==> flow/design.v <==
module multiplier #(
  parameter integer DW = 10
) (
  input sys_clk,
  input aresetn,
  input [DW-1:0] i_src1,
  input [DW-1:0] i_src2,
  input [2*DW-1:0] i_src3,
  output [2*DW:0] o_p
);
  reg [2*DW:0] p_reg;
  always @(posedge sys_clk) begin
    if (~aresetn) begin
      p_reg <= 0;
    end else begin
      p_reg <= i_src1 * i_src2 + i_src3;
    end
  end
  assign o_p = p_reg;
endmodule
# Tool chain data of multiplier

Tool output for the design above, in the order of the flow.
Line numbers count from 1 in the design file above.
Library cell names are shortened.
A cell with n/a has no value.

Top: multiplier
Clock port: sys_clk
Library: sky130hd
Corner: tt_025C_1v80

# Word-level counts

Yosys after proc, flatten, opt, wreduce and memory -nomap, before mapping. Enables and synchronous resets that opt folds into registers are not counted as muxes. Memory bits, and registers merged into a memory's read port (data or address), are not among the register bits. Print and check cells are not counted. Equal cells are merged and count once.

Output and inout bits: 21
Register bits after elaboration: 21
Cells after elaboration: 3

Multipliers: 1
$add $sub $neg: 1

Operator list:

| operator                     | number |
| multiplier 10 x 10 -> 20 bit | 1 |
| adder 20 x 20 -> 21 bit      | 1 |

# Longest topological paths

Yosys ltp: most cells in a row. Word level: on the elaborated netlist, between registers, memories and ports. Mapped: between sequential cells and ports; inverters and the memories' decode and read muxes count.

Depth after elaboration: 2
ABC_AREA: 0
Mapped depth: 19
Mapped depth without buffers: 18

# Synthesis result

Yosys stat after the flow's synthesis: flattened, memories mapped to cells. It holds for the ABC_AREA given above (unset counts as 0); a run with the other value may have another netlist.

Cells by type:

| cell      | number | area in all (µm²) |
| fa_1      | 82     | 1.64E+03 |
| ha_1      | 57     | 713.184 |
| and2_1    | 69     | 431.664 |
| dfxtp_1   | 21     | 420.403 |
| inv_1     | 107    | 401.635 |
| nand2_1   | 62     | 232.723 |
| a21oi_1   | 16     | 80.077 |
| xor2_1    | 8      | 70.067 |
| clkbuf_1  | 16     | 60.058 |
| xnor2_1   | 6      | 52.55 |
| nand2b_1  | 5      | 31.28 |
| nor2_1    | 8      | 30.029 |
| o21ai_1   | 6      | 30.029 |
| o2111ai_4 | 1      | 26.275 |
| nand3_1   | 5      | 25.024 |
| o21ai_0   | 5      | 25.024 |
| o211ai_1  | 3      | 22.522 |
| nand4_1   | 3      | 18.768 |

Not listed: further types 20, cells in them 26.

Sequential part of the area: 420.4 µm²
Mapped area: 4520.6 µm²
Mapped flip-flops: 21
Buffers: 18
Mapped cells: 506

# Timing after synthesis

OpenSTA on the mapped netlist: ideal clock, no wires. The path of least setup slack (recovery checks aside). Input and output delay are each 20% of the period. Register names are those of the netlist, which keeps one name where synthesis merged equal registers.

Path type: input to register
Start point: in i_src2[6]
End point: reg p_reg[18]
Path delay: 4.521 ns
Buffers on the path: 1
Arrival time: 5.818 ns
Path slack: 1.127 ns
Period: 7.06 ns
Time at the first pin: 1.412 ns
External input delay: 1.412 ns
Stages: 17
Synthesis period reached: 5.933 ns

"path delay" = arrival - input delay + setup time.
"stages" counts driving pins, that of a launching flip-flop among them; a cell with two outputs on the path counts twice.
"synthesis period reached" = period - worst setup slack (recovery checks aside). The figure is calculated, with input and output delays left at 20% of the set period.
Between the ends stands the longest chain of elaborated cells between them, by number of cells; it is not shown to be the way that was timed. Of several equally long chains one is given.
Each line given opens the expression or statement behind the cell; cells for indexed reads and writes are added by Yosys, which also makes memories of some case tables.

Cells stage by stage: clkbuf_1 -> nand2_1 -> fa_1 -> inv_1 -> fa_1 -> fa_1 -> fa_1 -> inv_1 -> fa_1 -> inv_1 -> ha_1 -> a21oi_1 -> nor2_1 -> nor4_2 -> o32ai_2 -> xor2_1 -> and2_1
Cells in the longest elaborated chain: 2

Ends and longest elaborated chain, post-synthesis:

| element                      | RTL line | RTL |
| start, declared              | 7        | `input [DW-1:0] i_src2,` |
| multiplier 10 x 10 -> 20 bit | 16       | `p_reg <= i_src1 * i_src2 + i_src3;` |
| adder 20 x 20 -> 21 bit      | 16       |  |
| end, assigned                | 14       | `p_reg <= 0;` |
| end, assigned                | 16       |  |
| end, declared                | 11       | `reg [2*DW:0] p_reg;` |

# Worst path after layout

Path of least setup slack in the final report of stored run 1 (OpenROAD, finished layout, wires in). Where an end is a register, its clock arrival counts in the times.

Path type: input to register
Start point: in i_src1[5]
End point: reg p_reg[18]
Time at the first pin: 1.41 ns
Path slack: 0.64 ns
Buffers on the path: 1
Stages: 17
Period: 7.06 ns
External input delay: 1.41 ns
Arrival time: 6.56 ns

Between the ends stands the longest chain of elaborated cells between them, by number of cells; it is not shown to be the way that was timed. Of several equally long chains one is given.

Cells stage by stage: clkdlybuf4s50_1 -> nand2_1 -> fa_1 -> inv_1 -> fa_1 -> fa_1 -> fa_1 -> inv_1 -> fa_1 -> inv_1 -> ha_1 -> a21oi_1 -> nor2_1 -> nor4_2 -> o32ai_2 -> xor2_1 -> and2_1
Cells in the longest elaborated chain: 2

Ends and longest elaborated chain, post-layout:

| element                      | RTL line | RTL |
| start, declared              | 6        | `input [DW-1:0] i_src1,` |
| multiplier 10 x 10 -> 20 bit | 16       | `p_reg <= i_src1 * i_src2 + i_src3;` |
| adder 20 x 20 -> 21 bit      | 16       |  |
| end, assigned                | 14       | `p_reg <= 0;` |
| end, assigned                | 16       |  |
| end, declared                | 11       | `reg [2*DW:0] p_reg;` |

Add stored flow runs of multiplier

Below are 3 stored runs of the flow (Yosys, OpenROAD; platform sky130hd) on multiplier, each with its settings and what was measured, unordered. Constraints: input delay and output delay 20% of the set period each, output load 0.01 pF.
"clock period reached": clock period set for the run, less the worst setup slack. It is reckoned from that one timing run; input and output delays stay at 20% of the period that was set.
"power consumption": no workload was simulated; the value follows from the tool's default switching activity.
Among the settings, -- means not set for that run.
Results: -- = not shown.

| item                                   | stored run 1 | stored run 2 | stored run 3 |
| period_ns                              | 7.06         | 6.72         | 5.0          |
| CAP_MARGIN                             | 20           | 0            | 5            |
| CORE_MARGIN                            | 2            | 2            | 9            |
| CORE_UTILIZATION                       | 40           | 30           | 45           |
| SLEW_MARGIN                            | 20           | 20           | 20           |
| SETUP_SLACK_MARGIN                     | --           | 0.5          | 0.51         |
| PLACE_DENSITY_LB_ADDON                 | --           | 0.21         | 0.25         |
| CORE_ASPECT_RATIO                      | --           | 1.04         | --           |
| CELL_PAD_IN_SITES_GLOBAL_PLACEMENT     | --           | 0            | --           |
| CELL_PAD_IN_SITES_DETAIL_PLACEMENT     | --           | 1            | 2            |
| CTS_CLUSTER_DIAMETER                   | --           | 35           | 81           |
| ABC_AREA                               | --           | --           | 1            |
| GPL_TIMING_DRIVEN                      | --           | --           | 1            |
| MIN_ROUTING_LAYER                      | --           | --           | met2         |
| worst hold slack after layout (ns)     | 1.897        | 1.829        | --           |
| setup slack of the critical path (ns)  | 0.637        | 0.724        | --           |
| sum of negative setup slack (ns)       | 0.000        | 0.000        | --           |
| power consumption (mW)                 | 2.082        | 2.301        | --           |
| clock period reached (ns)              | 6.423        | 5.996        | --           |
| standard-cell area after routing (µm²) | 5347.6       | 5439.0       | --           |
| cell area after synthesis (µm²)        | 4520.6       | 4520.6       | --           |
| full die area (µm²)                    | 12168.3      | 16066.7      | --           |

Stored run 3: no final report: placement broke off with DPL-0033
